==> flow/design.v <==
module alu_diff_unit #(
   parameter DWIDTH = 112
) (
   input logic clk,
   input logic i_rst_n,
   input logic [DWIDTH-1:0] op_a,
   input logic [DWIDTH-1:0] op_b,
   output logic [DWIDTH-1:0] q,
   output logic bo
);
   logic [DWIDTH-1:0] op_a_ff;
   logic [DWIDTH-1:0] op_b_ff;
   logic [DWIDTH:0] t;
   assign t = {1'b0, op_a_ff} - {1'b0, op_b_ff};
   assign q = t[DWIDTH-1:0];
   assign bo = t[DWIDTH];
   always_ff @(posedge clk or negedge i_rst_n) begin
      if (!i_rst_n) begin
         op_a_ff <= 0;
         op_b_ff <= 0;
      end else begin
         op_a_ff <= op_a;
         op_b_ff <= op_b;
      end
   end
endmodule
=== Reports on alu_diff_unit ===
The steps from the RTL of alu_diff_unit to its reports follow in flow order.
Lines are those of the file above, counted from 1.
Operators: Yosys type, input widths -> output width; for muxes data width and select width s.
Library cell names are shortened.
A cell with - has no value.

* Top module: alu_diff_unit
* Clock input: clk
* Cell library: sky130hd
* Timing corner: tt_025C_1v80

=== Elaborated design ===
Yosys after proc, flatten, opt, wreduce and memory -nomap, before mapping. Enables and synchronous resets that opt folds into registers are not counted as muxes. Memory bits, and registers merged into a memory's read port (data or address), are not among the register bits. Print and check cells are not counted. Equal cells are merged and count once.

* Register bits: 224
* Latch bits: 0
* Memory bits (writable): 0
* ROM bits: 0
* Word width x clocked read ports: 0
* Memory cells: 0
* Bits of input ports: 226
* Output and inout bits: 113
* Elaborated cells: 3

* Add/subtract/negate cells: 1
* Multipliers: 0
* Div/mod/pow operators: 0
* $lt $le $gt $ge: 0
* Equal/unequal tests: 0
* Shift-type cells: 0
* Mux-type cells: 0
* Bitwise gates (word level): 0
* Reductions and logical operators: 0

{| class="wikitable"
|+ Operator list
! cell !! number
|-
| $sub 112x112->113 || 1
|}

=== Depth ===
Longest topological path by Yosys (ltp), each cell counted once; first at word level (registers and memories cut), then after technology mapping (sequential cells cut; the memories' decode and read muxes count).

* Depth in word-level cells: 1
* ABC_AREA: 0
* Mapped depth: 14

=== Mapped cells and area ===
Source: synth_stat.txt of the flow (Yosys; design flattened, memories mapped). It holds for the ABC_AREA given above (unset counts as 0); a run with the other value may have another netlist.

{| class="wikitable"
|+ Cells by type
! cell type !! number !! total area (sq um)
|-
| dfrtp_1 || 224 || 5.61E+03
|-
| ha_1 || 112 || 1.4E+03
|-
| a21oi_1 || 173 || 865.83
|-
| xnor2_1 || 68 || 595.571
|-
| inv_1 || 156 || 585.562
|-
| nand2_1 || 126 || 472.954
|-
| o21ai_0 || 85 || 425.408
|-
| xor2_1 || 40 || 350.336
|-
| nor2_1 || 92 || 345.331
|-
| nand4_1 || 49 || 306.544
|-
| a21o_1 || 39 || 292.781
|-
| o21bai_1 || 33 || 247.738
|-
| clkbuf_1 || 38 || 142.637
|-
| o21a_1 || 19 || 142.637
|-
| nor3_1 || 23 || 115.11
|-
| buf_2 || 15 || 75.072
|-
| a31oi_1 || 10 || 62.56
|-
| nand2b_1 || 10 || 62.56
|}

Other cell types: 58; their cells: 146.

* Mapped cells: 1458
* Chip area (Yosys): 13367.8 sq um
* Sequential area: 5605.4 sq um
* Mapped flip-flops: 224
* Buffer cells: 54

=== Worst setup path after synthesis ===
Source: OpenSTA report_checks on the synthesized netlist (no wires, ideal clock, input and output delay 20% of the period each), path of least setup slack; recovery checks are left aside. Register names are those of the netlist, which keeps one name where synthesis merged equal registers.

* Kind: register -> output
* From: register op_a_ff[0]
* To: output q[82]
* Clock period: 4810 ps
* Time at the first pin: 0 ps
* Arrival time: 3077 ps
* Data required time: 3848 ps
* Setup slack: 771 ps
* Delay of the path: 3077 ps
* Stages on the path: 15
* Path buffers: 0
* Synthesis period reached: 4039 ps

"delay of the path" = arrival - input delay + setup time.
At an output port there is no setup time.
"stages on the path": output pins that drive a net of the path, with the launching flip-flop's if there is one; two outputs of one cell count as two.
"synthesis period reached" is the clock period less the worst setup slack; recovery checks do not enter. This is arithmetic on one report: input and output delays are still those of the set period (20% each).
Between the ends stands the longest chain of elaborated cells between them, by number of cells; it is not shown to be the way that was timed. Of several equally long chains one is given.
A line is the first line of the expression or statement that the cell stems from. Yosys adds cells for indexed reads and writes and turns some case tables into memories.

* Cell sequence: dfrtp_1 inv_1 ha_1 fa_1 nand2b_1 a21o_1 a21oi_2 o211ai_2 a2111oi_4 o211a_1 nor4_2 o21ba_4 o31ai_4 a2111oi_2 a311oi_2
* Length of the longest elaborated chain: 1
* Elaborated cells on any way between the ends: 1
* Source lines of those cells: 1
* Classes of those cells: add/sub (1)

{| class="wikitable"
|+ RTL lines, path after synthesis
! item !! RTL line !! text
|-
| start: declaration || 11 || <nowiki>logic [DWIDTH-1:0] op_a_ff;</nowiki>
|-
| start: assignment || 19 || <nowiki>op_a_ff <= 0;</nowiki>
|-
| start: assignment || 22 || <nowiki>op_a_ff <= op_a;</nowiki>
|-
| $sub 112x112->113 || 14 || <nowiki>assign t = {1'b0, op_a_ff} - {1'b0, op_b_ff};</nowiki>
|-
| end: declaration || 8 || <nowiki>output logic [DWIDTH-1:0] q,</nowiki>
|}

=== Worst path after layout ===
Path of least setup slack in the final report of run 1 (OpenROAD, finished layout, wires in). Where an end is a register, its clock arrival counts in the times.
The path's times are printed in steps of 10 ps; the period is the one set.

* Kind: register -> output
* From: register op_a_ff[7]
* To: output q[82]
* Clock period: 4810 ps
* Time at the first pin: 540 ps
* Arrival time: 3940 ps
* Data required time: 3850 ps
* Setup slack: -90 ps
* Stages on the path: 17
* Path buffers: 4

Between the ends stands the longest chain of elaborated cells between them, by number of cells; it is not shown to be the way that was timed. Of several equally long chains one is given.

* Cell sequence: dfrtp_1 ha_4 a21o_1 a21oi_2 o2111ai_1 o211ai_2 a2111oi_4 buf_4 o211a_1 nor4_2 o21ba_4 o31ai_4 a21o_1 buf_4 buf_4 a311oi_2 buf_2
* Length of the longest elaborated chain: 1
* Elaborated cells on any way between the ends: 1
* Source lines of those cells: 1
* Classes of those cells: add/sub (1)

{| class="wikitable"
|+ RTL lines, path after layout
! item !! RTL line !! text
|-
| start: declaration || 11 || <nowiki>logic [DWIDTH-1:0] op_a_ff;</nowiki>
|-
| start: assignment || 19 || <nowiki>op_a_ff <= 0;</nowiki>
|-
| start: assignment || 22 || <nowiki>op_a_ff <= op_a;</nowiki>
|-
| $sub 112x112->113 || 14 || <nowiki>assign t = {1'b0, op_a_ff} - {1'b0, op_b_ff};</nowiki>
|-
| end: declaration || 8 || <nowiki>output logic [DWIDTH-1:0] q,</nowiki>
|}

Ticket comment

Top module alu_diff_unit; platform sky130hd; tools Yosys and OpenROAD; 3 stored runs in no particular order. Input and output delays are each 20% of the period that was set; the output load is 0.01 pF.
"period reached" is the run's clock period less its worst setup slack. It is reckoned from that one timing run; input and output delays stay at 20% of the period that was set.
"allowed time less slack (worst setup path)": the worst setup path's part of the clock period (all of it between registers, 20% less for each end at a port) less its slack. A launch clock that arrives late makes it longer, a capture clock that arrives late makes it shorter.
"power consumption" rests on the timing tool's default activity at the inputs, not on a simulated workload.
"allowed time less slack (worst setup path)" is given in steps of 10 ps.

=== Run 1 ===
{| class="wikitable"
! Setting !! Value
|-
| period_ns || 4.81
|-
| CAP_MARGIN || 20
|-
| CORE_MARGIN || 2
|-
| CORE_UTILIZATION || 40
|-
| SLEW_MARGIN || 20
|-
! Result !! Value
|-
| Chip area after synthesis (Yosys) || 13367.8 sq um
|-
| Die outline area || 34898.0 sq um
|-
| Standard-cell area after routing || 19417.4 sq um
|-
| Utilization after routing || 59.4 %
|-
| Lowest setup slack || -87 ps
|-
| Total negative slack on setup checks || -240 ps
|-
| Power consumption || 6.159 mW
|-
| Period reached || 4897 ps
|-
| Allowed time less slack (worst setup path) || 3940 ps
|-
| Critical path type || register -> output
|}

=== Run 2 ===
{| class="wikitable"
! Setting !! Value
|-
| period_ns || 2.97
|-
| CORE_UTILIZATION || 56
|-
| SETUP_SLACK_MARGIN || 0.73
|-
| PLACE_DENSITY_LB_ADDON || 0.25
|-
| CORE_ASPECT_RATIO || 0.77
|-
| CORE_MARGIN || 4
|-
| CELL_PAD_IN_SITES_GLOBAL_PLACEMENT || 0
|-
| TNS_END_PERCENT || 30
|-
| ABC_AREA || 1
|-
| CTS_CLUSTER_DIAMETER || 300
|-
| MIN_ROUTING_LAYER || met1
|-
| MAX_ROUTING_LAYER || met4
|-
| CAP_MARGIN || 20
|-
| SLEW_MARGIN || 20
|}
Incomplete, routing halted on GRT-0232.

=== Run 3 ===
{| class="wikitable"
! Setting !! Value
|-
| period_ns || 2.69
|-
| CORE_UTILIZATION || 29
|-
| CORE_ASPECT_RATIO || 0.52
|-
| CELL_PAD_IN_SITES_GLOBAL_PLACEMENT || 3
|-
| TNS_END_PERCENT || 100
|-
| GPL_ROUTABILITY_DRIVEN || 0
|-
| CTS_CLUSTER_DIAMETER || 365
|-
| MIN_ROUTING_LAYER || met1
|-
| MAX_ROUTING_LAYER || met4
|-
| CAP_MARGIN || 20
|-
| CORE_MARGIN || 2
|-
| SLEW_MARGIN || 20
|-
! Result !! Value
|-
| Chip area after synthesis (Yosys) || 13367.8 sq um
|-
| Die outline area || 47921.6 sq um
|-
| Standard-cell area after routing || 24451.0 sq um
|-
| Utilization after routing || 54.0 %
|-
| Lowest setup slack || -1890 ps
|-
| Total negative slack on setup checks || -143915 ps
|-
| Power consumption || 12.383 mW
|-
| Period reached || 4580 ps
|-
| Allowed time less slack (worst setup path) || 4040 ps
|-
| Critical path type || register -> output
|}
